==> flow/design.v <==
module core_mag_cmp_v2 #(
  parameter integer W = 18
) (
  input  wire clk,
  input  wire valid,
  input  wire signed [W-1:0] rs1_in,
  input  wire signed [W-1:0] rs2_in,
  output wire a_lt_b_out,
  output wire match_out,
  output wire a_gt_b_out
);
  reg signed [W-1:0] rs1_d1;
  reg signed [W-1:0] rs2_d1;
  always @(posedge clk) begin
    if (valid) begin
      rs1_d1 <= rs1_in;
      rs2_d1 <= rs2_in;
    end
  end
  assign a_lt_b_out = (rs1_d1 < rs2_d1);
  assign match_out = (rs1_d1 == rs2_d1);
  assign a_gt_b_out = (rs1_d1 > rs2_d1);
endmodule
======== From RTL to reports: core_mag_cmp_v2 ========
The steps from the RTL of core_mag_cmp_v2 to its reports follow in flow order.
Lines are those of the file above, counted from 1.
Operators carry their Yosys type and port widths (W data, S select, Z words).
Cell names lack the library's common part.
A cell with n/a has no value.
design
  top module .............................. core_mag_cmp_v2
  clock ................................... clk
  cell library ............................ sky130hd
  corner .................................. tt_025C_1v80

======== Elaborated design ========
Source: Yosys, flattened and elaborated, memories not mapped. Widths are those after wreduce; folded enables and synchronous resets count as part of the registers. Registers that Yosys merges into a memory's read port (data or address) are not register bits. Print and check cells do not count. Equal cells are merged and count once.
bit counts
  register bits after elaboration ......... 36
  bits in latches ......................... 0
  RAM bits ................................ 0
  bits in read-only memories .............. 0
  word width x clocked read ports ......... 0
  memories ................................ 0
cells by class
  add/subtract/negate cells ............... 0
  $mul .................................... 0
  div/mod/pow operators ................... 0
  $lt $le $gt $ge ......................... 2
  eq/ne operators ......................... 1
  shifts and indexed selects .............. 0
  multiplexer cells ....................... 0
  bitwise operators ....................... 0
  reductions and logical operators ........ 0
operators with widths
  operator        count
  $gt A18 B18 Y1  1
  $lt A18 B18 Y1  1
  $eq A18 B18 Y1  1

======== Longest topological paths ========
Depth = most cells in a row (Yosys ltp): at word level without a register or memory, in the mapped netlist without a sequential cell, where the memories' decode and read muxes count.
logic depth
  word-level depth ........................ 1
  ABC_AREA ................................ 0
  depth in mapped cells ................... 7

======== Synthesis result ========
Source: synth_stat.txt of the flow (Yosys; design flattened, memories mapped). It holds for the ABC_AREA given above (unset counts as 0); a run with the other value may have another netlist.
synthesis totals
  cell count .............................. 102
  synthesis area .......................... 1570.3 um^2
  sequential area ......................... 1081.0 um^2
  flip-flop cells ......................... 36
cell types
  cell      count  total area (um^2)
  edfxtp_1  36     1.08E+03
  ha_1      18     225.216
  inv_1     19     71.318
  a21oi_1   8      40.038
  and4_1    3      26.275
  a21o_1    3      22.522
  and4_4    2      22.522
  nand2_1   4      15.014
  o21ai_0   3      15.014
  o211ai_2  1      12.512
  mux2i_1   1      10.01
  xor2_1    1      8.758
  a22oi_1   1      7.507
  and3_1    1      6.256
  nand2b_1  1      6.256

======== Path before layout ========
OpenSTA on the mapped netlist: ideal clock, no wires. The path of least setup slack (recovery checks aside). Input and output delay are each 20% of the period. Register names are those of the netlist, which keeps one name where synthesis merged equal registers.
timing post-synthesis
  path kind ............................... flip-flop to output port
  start point ............................. register rs1_d1[9]
  end point ............................... output a_gt_b_out
  period .................................. 2.56 ns
  external output delay ................... 0.512 ns
  launch time at the first pin ............ 0.000 ns
  arrival ................................. 1.636 ns
  required time ........................... 2.048 ns
  slack ................................... 0.412 ns
  path delay .............................. 1.636 ns
  stages on the path ...................... 7
  path buffers ............................ 0
  synthesis period reached ................ 2.148 ns
"path delay" = arrival - input delay + setup time.
At an output port there is no setup time.
"stages on the path" counts driving pins, that of a launching flip-flop among them; a cell with two outputs on the path counts twice.
"synthesis period reached" is the clock period less the worst setup slack; recovery checks do not enter. This is arithmetic on one report: input and output delays are still those of the set period (20% each).
Between the ends stands the longest chain of elaborated cells between them, by number of cells; it is not shown to be the way that was timed. Of several equally long chains one is given.
Each line given opens the expression or statement behind the cell; cells for indexed reads and writes are added by Yosys, which also makes memories of some case tables.
on the way, post-synthesis
  cell sequence ........................... edfxtp_1 -> ha_1 -> and4_1 -> and4_1 -> and3_1 -> nand2b_1 -> mux2i_1
  cells in the longest elaborated chain ... 1
ends and longest elaborated chain, post-synthesis
  element          line  source
  start, declared  12    reg signed [W-1:0] rs1_d1;
  start, assigned  16    rs1_d1 <= rs1_in;
  $gt A18 B18 Y1   22    assign a_gt_b_out = (rs1_d1 > rs2_d1);
  end, declared    10    output wire a_gt_b_out
Some nets on the timed path still bear RTL names; the line given drives or declares the net.
named nets, post-synthesis
  signal     line  source
  match_out  21    assign match_out = (rs1_d1 == rs2_d1);

======== Timing after layout ========
Path of least setup slack in the final report of run 1 (OpenROAD, finished layout, wires in). Where an end is a register, its clock arrival counts in the times.
timing post-layout
  path kind ............................... flip-flop to output port
  start point ............................. register rs1_d1[5]
  end point ............................... output a_gt_b_out
  period .................................. 2.56 ns
  external output delay ................... 0.51 ns
  launch time at the first pin ............ 0.29 ns
  arrival ................................. 1.97 ns
  required time ........................... 2.05 ns
  slack ................................... 0.07 ns
  stages on the path ...................... 8
  path buffers ............................ 1
Between the ends stands the longest chain of elaborated cells between them, by number of cells; it is not shown to be the way that was timed. Of several equally long chains one is given.
on the way, post-layout
  cell sequence ........................... edfxtp_1 -> ha_4 -> and4_4 -> and4_4 -> a22oi_2 -> o211ai_2 -> mux2i_1 -> buf_2
  cells in the longest elaborated chain ... 1
ends and longest elaborated chain, post-layout
  element          line  source
  start, declared  12    reg signed [W-1:0] rs1_d1;
  start, assigned  16    rs1_d1 <= rs1_in;
  $gt A18 B18 Y1   22    assign a_gt_b_out = (rs1_d1 > rs2_d1);
  end, declared    10    output wire a_gt_b_out

==> runs of core_mag_cmp_v2 <==
Below are 3 stored runs of the flow (Yosys, OpenROAD; platform sky130hd) on core_mag_cmp_v2, each with its settings and what was measured, unordered. Constraints: input delay and output delay 20% of the set period each, output load 0.01 pF.
"achieved clock period (ns)" = clock period - worst setup slack. The figure is calculated, with input and output delays left at 20% of the set period.
"worst setup path time (ns)" is the time allowed to the run's worst setup path (the clock period less input and output delay, where it has them) less its slack. Clock arrival times count: a late capture clock shortens it, a late launch clock lengthens it.
"finish__power__total": no workload was simulated; the value follows from the tool's default switching activity.

Flow files of run 1
==> flow/run.sh <==
#!/bin/bash
# the make line also repeats the synthesis and layout settings of config.mk as NAME=value (left out here)
make -C /OpenROAD-flow-scripts/flow DESIGN_CONFIG=/design/flow/config.mk WORK_HOME=/design/flow/orfs CLKGATE_MAP_FILE= finish
==> flow/config.mk <==
export PLATFORM = sky130hd
export DESIGN_NAME = core_mag_cmp_v2
export DESIGN_NICKNAME = core_mag_cmp_v2
export VERILOG_FILES = /design/flow/design.v
export SDC_FILE = /design/flow/constraint.sdc
export NUM_CORES = 4
export LEC_CHECK = 0
export CAP_MARGIN = 20
export CORE_MARGIN = 2
export CORE_UTILIZATION = 40
export SLEW_MARGIN = 20
==> flow/constraint.sdc <==
create_clock -name core_clock -period 2.56 [get_ports {clk}]
set_input_delay 0.5120 -clock core_clock [delete_from_list [all_inputs] [get_ports {clk}]]
set_output_delay 0.5120 -clock core_clock [all_outputs]
set_load 0.01 [all_outputs]

report of run 1
yosys chip area after synthesis (um^2): 1570.3
finish__design__die__area: 4442.9
finish__design__instance__area__stdcell: 2190.8
finish__design__instance__utilization: 0.5896
finish__timing__setup__ws: 0.074
finish__timing__setup__tns: 0.000
finish__power__total: 1.401e-03
achieved clock period (ns): 2.486
worst setup path time (ns): 1.97
worst setup path kind: flip-flop to output port

Flow files of run 2
==> flow/run.sh <==
#!/bin/bash
# the make line also repeats the synthesis and layout settings of config.mk as NAME=value (left out here)
make -C /OpenROAD-flow-scripts/flow DESIGN_CONFIG=/design/flow/config.mk WORK_HOME=/design/flow/orfs CLKGATE_MAP_FILE= finish
==> flow/config.mk <==
export PLATFORM = sky130hd
export DESIGN_NAME = core_mag_cmp_v2
export DESIGN_NICKNAME = core_mag_cmp_v2
export VERILOG_FILES = /design/flow/design.v
export SDC_FILE = /design/flow/constraint.sdc
export NUM_CORES = 4
export LEC_CHECK = 0
export CAP_MARGIN = 0
export CELL_PAD_IN_SITES_DETAIL_PLACEMENT = 1
export CORE_MARGIN = 2
export CORE_UTILIZATION = 62
export CTS_CLUSTER_SIZE = 44
export PLACE_DENSITY = 0.49
export SETUP_SLACK_MARGIN = 0.45
export SLEW_MARGIN = 20
export TNS_END_PERCENT = 30
==> flow/constraint.sdc <==
create_clock -name core_clock -period 3.13 [get_ports {clk}]
set_input_delay 0.6260 -clock core_clock [delete_from_list [all_inputs] [get_ports {clk}]]
set_output_delay 0.6260 -clock core_clock [all_outputs]
set_load 0.01 [all_outputs]

report of run 2: did not finish, place, DPL-0033

Flow files of run 3
==> flow/run.sh <==
#!/bin/bash
# the make line also repeats the synthesis and layout settings of config.mk as NAME=value (left out here)
make -C /OpenROAD-flow-scripts/flow DESIGN_CONFIG=/design/flow/config.mk WORK_HOME=/design/flow/orfs CLKGATE_MAP_FILE= finish
==> flow/config.mk <==
export PLATFORM = sky130hd
export DESIGN_NAME = core_mag_cmp_v2
export DESIGN_NICKNAME = core_mag_cmp_v2
export VERILOG_FILES = /design/flow/design.v
export SDC_FILE = /design/flow/constraint.sdc
export NUM_CORES = 4
export LEC_CHECK = 0
export ABC_AREA = 0
export CAP_MARGIN = 20
export CELL_PAD_IN_SITES_GLOBAL_PLACEMENT = 0
export CORE_MARGIN = 2
export CORE_UTILIZATION = 24
export PLACE_DENSITY_LB_ADDON = 0.12
export SETUP_SLACK_MARGIN = 0.3
export SLEW_MARGIN = 20
==> flow/constraint.sdc <==
create_clock -name core_clock -period 1.48 [get_ports {clk}]
set_input_delay 0.2960 -clock core_clock [delete_from_list [all_inputs] [get_ports {clk}]]
set_output_delay 0.2960 -clock core_clock [all_outputs]
set_load 0.01 [all_outputs]

report of run 3
yosys chip area after synthesis (um^2): 1570.3
finish__design__die__area: 7205.5
finish__design__instance__area__stdcell: 2273.4
finish__design__instance__utilization: 0.3580
finish__timing__setup__ws: -0.799
finish__timing__setup__tns: -2.152
finish__power__total: 2.277e-03
achieved clock period (ns): 2.279
worst setup path time (ns): 1.98
worst setup path kind: flip-flop to output port
